==> flow/design.v <==
module alu_registers_rtl #(
  parameter D = 48,
  parameter WIDTH = 2,
  parameter ADDR_WIDTH = $clog2(D)
) (
  input wire CLK,
  input wire i_rst_n,
  input wire in_wr,
  input wire [ADDR_WIDTH-1:0] in_wsel,
  input wire [WIDTH-1:0] in_write_data,
  input wire [ADDR_WIDTH-1:0] in_raddr_a,
  input wire [ADDR_WIDTH-1:0] in_raddr_b,
  output wire [WIDTH-1:0] out_read_data_a,
  output wire [WIDTH-1:0] out_read_data_b
);
  reg wr_s;
  reg [ADDR_WIDTH-1:0] wsel_s;
  reg [WIDTH-1:0] write_data_s;
  always @(posedge CLK or negedge i_rst_n) begin
    if (!i_rst_n) begin
      wr_s <= 1'b0;
      wsel_s <= 0;
      write_data_s <= 0;
    end else begin
      wr_s <= in_wr;
      wsel_s <= in_wsel;
      write_data_s <= in_write_data;
    end
  end
  reg [WIDTH-1:0] ram [0:D-1];
  always @(posedge CLK) begin
    if (wr_s && wsel_s != 0)
      ram[wsel_s] <= write_data_s;
  end
  reg [ADDR_WIDTH-1:0] raddr_a_s;
  reg [ADDR_WIDTH-1:0] raddr_b_s;
  reg [WIDTH-1:0] read_data_a_s;
  always @(posedge CLK or negedge i_rst_n) begin
    if (!i_rst_n) begin
      raddr_a_s <= 0;
      raddr_b_s <= 0;
      read_data_a_s <= 0;
    end else begin
      raddr_a_s <= in_raddr_a;
      raddr_b_s <= in_raddr_b;
      read_data_a_s <= (raddr_a_s == 0) ? {WIDTH{1'b0}} : ram[raddr_a_s];
    end
  end
  assign out_read_data_a = read_data_a_s;
  reg [WIDTH-1:0] read_data_b_s;
  always @(posedge CLK or negedge i_rst_n) begin
    if (!i_rst_n) begin
      read_data_b_s <= 0;
    end else begin
      read_data_b_s <= (raddr_b_s == 0) ? {WIDTH{1'b0}} : ram[raddr_b_s];
    end
  end
  assign out_read_data_b = read_data_b_s;
endmodule
* From RTL to reports: alu_registers_rtl
What the tools print for alu_registers_rtl, step after step.
Line numbers count from 1 in the design file above.
Library cell names are shortened.
The mark - stands for no value.
- Top :: alu_registers_rtl
- Clock :: CLK
- Standard-cell library :: sky130hd
- Timing corner :: tt_025C_1v80

* After elaboration
Yosys after proc, flatten, opt, wreduce and memory -nomap, before mapping. Enables and synchronous resets that opt folds into registers are not counted as muxes. Memory bits, and registers merged into a memory's read port (data or address), are not among the register bits. Print and check cells are not counted. Equal cells are merged and count once.
Yosys's memory passes give these memory sizes; they may raise the number of words (mostly to a power of two), join words into wider ones and drop unused or constant bits.
- Bits in writable memories :: 96
- Input bits :: 23
- Flip-flop bits (word level) :: 25
- Cells after elaboration :: 17
- Memories :: 1
- Muxes and demuxes :: 5
- Reductions and logical operators :: 4
** Memories
- ram :: depth 48, bits a word 2, rd ports 2, wr ports 1, line 30 : reg [WIDTH-1:0] ram [0:D-1];
** Operator list (count)
- logical NOT 6 bit :: 2
- nonzero test 6 bit :: 1
- two-way mux 6 bit :: 1
- two-way mux 2 bit :: 3
- logical AND 1 bit :: 1
- two-way mux 1 bit :: 1

* Depth
Longest topological path by Yosys (ltp), each cell counted once; first at word level (registers and memories cut), then after technology mapping (sequential cells cut; the memories' decode and read muxes count).
- Word-level depth :: 3
- ABC_AREA :: 0
- Depth in mapped cells :: 7
- Mapped depth without buffers :: 4

* After synthesis
The flow's flattened synthesis, as Yosys stat reports it; memories are mapped. The netlist is that of the ABC_AREA named above (0 if unset); the other value can give another one.
The area totals of this step are shown rounded.
** Cell types
- edfxtp_1 :: count 96, area in all 2.88E+03 um^2
- mux4_2 :: count 41, area in all 923.386 um^2
- dfrtp_1 :: count 25, area in all 625.6 um^2
- nor2_1 :: count 52, area in all 195.187 um^2
- mux2i_1 :: count 19, area in all 190.182 um^2
- mux4_1 :: count 7, area in all 183.926 um^2
- nand3_1 :: count 9, area in all 45.043 um^2
- o22ai_1 :: count 6, area in all 37.536 um^2
- buf_2 :: count 7, area in all 35.034 um^2
- nor2b_1 :: count 5, area in all 31.28 um^2
- nand2_1 :: count 8, area in all 30.029 um^2
- nand3b_1 :: count 4, area in all 30.029 um^2
- clkbuf_1 :: count 7, area in all 26.275 um^2
- or3b_2 :: count 3, area in all 26.275 um^2
- a22oi_2 :: count 2, area in all 25.024 um^2
- a22oi_1 :: count 3, area in all 22.522 um^2
- buf_4 :: count 3, area in all 22.522 um^2
- buf_6 :: count 2, area in all 22.522 um^2
Other cell types: 16; their cells: 20.
- Cells in the netlist :: 319
- Cell area after synthesis :: 5500 um^2
- Buffers :: 20
- Sequential part of the area :: 3500 um^2
- Flip-flops :: 121

* Timing after synthesis
Path of least setup slack by OpenSTA after synthesis, without wires, with an ideal clock, recovery checks aside; 20% of the period is set as input and as output delay. Where synthesis merged equal registers, the netlist keeps one of their names.
- Path type :: register -> register
- Start point :: register raddr_a_s[1]
- End point :: register read_data_a_s[1]
- Setup slack :: 449 ps
- Arrival time :: 1675 ps
- Stages on the path :: 8
- Path delay :: 1801 ps
- Period :: 2250 ps
- Launch time at the first pin :: 0 ps
- Required time :: 2124 ps
- Path buffers :: 3
- Synthesis period reached :: 1801 ps
"path delay" is the arrival time less input delay plus setup time.
"stages on the path": output pins that drive a net of the path, with the launching flip-flop's if there is one; two outputs of one cell count as two.
"synthesis period reached" is the clock period less the worst setup slack; recovery checks do not enter. This is arithmetic on one report: input and output delays are still those of the set period (20% each).
The rows between start and end are the longest chain of elaborated cells between them; the timing report does not say that the signal goes this way. Where chains are equally long, one stands for them.
Each line given opens the expression or statement behind the cell; cells for indexed reads and writes are added by Yosys, which also makes memories of some case tables.
A memory read counts as a cell of the chain, while the word-level depth stops at memories.
- Cell sequence :: dfrtp_1 -> buf_2 -> buf_2 -> buf_2 -> mux4_2 -> mux2i_1 -> o22ai_1 -> a221o_1
- Cells in the longest elaborated chain :: 2
** Ends and longest elaborated chain, post-synthesis
- from (decl) :: line 35 : reg [ADDR_WIDTH-1:0] raddr_a_s;
- from (assign) :: line 40 : raddr_a_s <= 0;
- from (assign) :: line 44 : raddr_a_s <= in_raddr_a;
- memory (48 x 2 bit) :: line 30 : reg [WIDTH-1:0] ram [0:D-1];
- two-way mux 2 bit :: line 46 : read_data_a_s <= (raddr_a_s == 0) ? {WIDTH{1'b0}} : ram[raddr_a_s];
- to (assign) :: line 42 : read_data_a_s <= 0;
- to (assign) :: line 46
- to (decl) :: line 37 : reg [WIDTH-1:0] read_data_a_s;

* Worst path after layout
Path of least setup slack in the final report of entry A (OpenROAD, finished layout, wires in). Where an end is a register, its clock arrival counts in the times.
The path's times are printed in steps of 10 ps; the period is the one set.
- Path type :: register -> register
- Start point :: register raddr_a_s[2]
- End point :: register read_data_a_s[0]
- Period :: 1420 ps
- Arrival time :: 2430 ps
- Path buffers :: 2
- Required time :: 1850 ps
- Stages on the path :: 7
- Launch time at the first pin :: 550 ps
- Setup slack :: -580 ps
The rows between start and end are the longest chain of elaborated cells between them; the timing report does not say that the signal goes this way. Where chains are equally long, one stands for them.
A memory read counts as a cell of the chain, while the word-level depth stops at memories.
- Cell sequence :: dfrtp_1 -> buf_2 -> clkbuf_4 -> mux4_2 -> mux2i_1 -> o22ai_1 -> a221o_1
- Cells in the longest elaborated chain :: 2
** Ends and longest elaborated chain, post-layout
- from (decl) :: line 35 : reg [ADDR_WIDTH-1:0] raddr_a_s;
- from (assign) :: line 40 : raddr_a_s <= 0;
- from (assign) :: line 44 : raddr_a_s <= in_raddr_a;
- memory (48 x 2 bit) :: line 30 : reg [WIDTH-1:0] ram [0:D-1];
- two-way mux 2 bit :: line 46 : read_data_a_s <= (raddr_a_s == 0) ? {WIDTH{1'b0}} : ram[raddr_a_s];
- to (assign) :: line 42 : read_data_a_s <= 0;
- to (assign) :: line 46
- to (decl) :: line 37 : reg [WIDTH-1:0] read_data_a_s;

Subject: alu_registers_rtl on sky130hd, stored results

Hello all,

Design alu_registers_rtl on sky130hd. What follows are 3 stored runs of the flow, each under its own settings; their order means nothing. The constraints put input and output delay at 20% of the set period each and load the outputs with 0.01 pF.
"reached clock period" means the clock period less the worst setup slack. The figure is calculated, with input and output delays left at 20% of the set period.
By "critical path time" is meant the share of the clock period that the worst setup path is allowed (20% is reserved at inputs, 20% at outputs), minus its slack. Clock arrival times at its registers enter into it.
"overall power" is the tool's figure for a default switching activity; nothing was simulated.
"critical path time" is known to 10 ps.
The measured numbers are rounded.

* Entry A
** Files
==> flow/run.sh <==
#!/bin/bash
# the make line also repeats the synthesis and layout settings of config.mk as NAME=value (left out here)
make -C /OpenROAD-flow-scripts/flow DESIGN_CONFIG=/design/flow/config.mk WORK_HOME=/design/flow/orfs CLKGATE_MAP_FILE= finish
==> flow/config.mk <==
export PLATFORM = sky130hd
export DESIGN_NAME = alu_registers_rtl
export DESIGN_NICKNAME = alu_registers_rtl
export VERILOG_FILES = /design/flow/design.v
export SDC_FILE = /design/flow/constraint.sdc
export NUM_CORES = 4
export LEC_CHECK = 0
export CAP_MARGIN = 30
export CELL_PAD_IN_SITES_DETAIL_PLACEMENT = 1
export CORE_MARGIN = 10
export CORE_UTILIZATION = 50
export GPL_TIMING_DRIVEN = 0
export MAX_ROUTING_LAYER = met5
export PLACE_DENSITY_LB_ADDON = 0.11
export SETUP_SLACK_MARGIN = 0.34
export SLEW_MARGIN = 20
==> flow/constraint.sdc <==
create_clock -name core_clock -period 1.42 [get_ports {CLK}]
set_input_delay 0.2840 -clock core_clock [delete_from_list [all_inputs] [get_ports {CLK}]]
set_output_delay 0.2840 -clock core_clock [all_outputs]
set_load 0.01 [all_outputs]
** Results
- Chip area in the Yosys report :: 5500 um^2
- Die outline area :: 16000 um^2
- Standard-cell area after routing :: 8000 um^2
- Worst setup slack after layout :: -580 ps
- Overall power :: 10.0 mW
- Reached clock period :: 2000 ps
- Critical path time :: 2000 ps
- Critical path kind :: register -> register

* Entry B
** Files
==> flow/run.sh <==
#!/bin/bash
# the make line also repeats the synthesis and layout settings of config.mk as NAME=value (left out here)
make -C /OpenROAD-flow-scripts/flow DESIGN_CONFIG=/design/flow/config.mk WORK_HOME=/design/flow/orfs CLKGATE_MAP_FILE= finish
==> flow/config.mk <==
export PLATFORM = sky130hd
export DESIGN_NAME = alu_registers_rtl
export DESIGN_NICKNAME = alu_registers_rtl
export VERILOG_FILES = /design/flow/design.v
export SDC_FILE = /design/flow/constraint.sdc
export NUM_CORES = 4
export LEC_CHECK = 0
export CAP_MARGIN = 20
export CORE_MARGIN = 2
export CORE_UTILIZATION = 40
export SLEW_MARGIN = 20
==> flow/constraint.sdc <==
create_clock -name core_clock -period 2.25 [get_ports {CLK}]
set_input_delay 0.4500 -clock core_clock [delete_from_list [all_inputs] [get_ports {CLK}]]
set_output_delay 0.4500 -clock core_clock [all_outputs]
set_load 0.01 [all_outputs]
** Results
- Chip area in the Yosys report :: 5500 um^2
- Die outline area :: 15000 um^2
- Standard-cell area after routing :: 6600 um^2
- Worst setup slack after layout :: 260 ps
- Overall power :: 5.6 mW
- Reached clock period :: 1989 ps
- Critical path time :: 1990 ps
- Critical path kind :: register -> register

* Entry C
** Files
==> flow/run.sh <==
#!/bin/bash
# the make line also repeats the synthesis and layout settings of config.mk as NAME=value (left out here)
make -C /OpenROAD-flow-scripts/flow DESIGN_CONFIG=/design/flow/config.mk WORK_HOME=/design/flow/orfs CLKGATE_MAP_FILE= finish
==> flow/config.mk <==
export PLATFORM = sky130hd
export DESIGN_NAME = alu_registers_rtl
export DESIGN_NICKNAME = alu_registers_rtl
export VERILOG_FILES = /design/flow/design.v
export SDC_FILE = /design/flow/constraint.sdc
export NUM_CORES = 4
export LEC_CHECK = 0
export CAP_MARGIN = 20
export CELL_PAD_IN_SITES_DETAIL_PLACEMENT = 0
export CORE_MARGIN = 2
export CORE_UTILIZATION = 44
export CTS_CLUSTER_SIZE = 93
export MAX_ROUTING_LAYER = met5
export PLACE_DENSITY_LB_ADDON = 0.17
export SETUP_SLACK_MARGIN = 0.03
export SLEW_MARGIN = 20
export TNS_END_PERCENT = 50
==> flow/constraint.sdc <==
create_clock -name core_clock -period 1.56 [get_ports {CLK}]
set_input_delay 0.3120 -clock core_clock [delete_from_list [all_inputs] [get_ports {CLK}]]
set_output_delay 0.3120 -clock core_clock [all_outputs]
set_load 0.01 [all_outputs]
** Results
- Chip area in the Yosys report :: 5500 um^2
- Die outline area :: 13000 um^2
- Standard-cell area after routing :: 7000 um^2
- Worst setup slack after layout :: -340 ps
- Overall power :: 8.1 mW
- Reached clock period :: 1896 ps
- Critical path time :: 1900 ps
- Critical path kind :: register -> register

Thanks
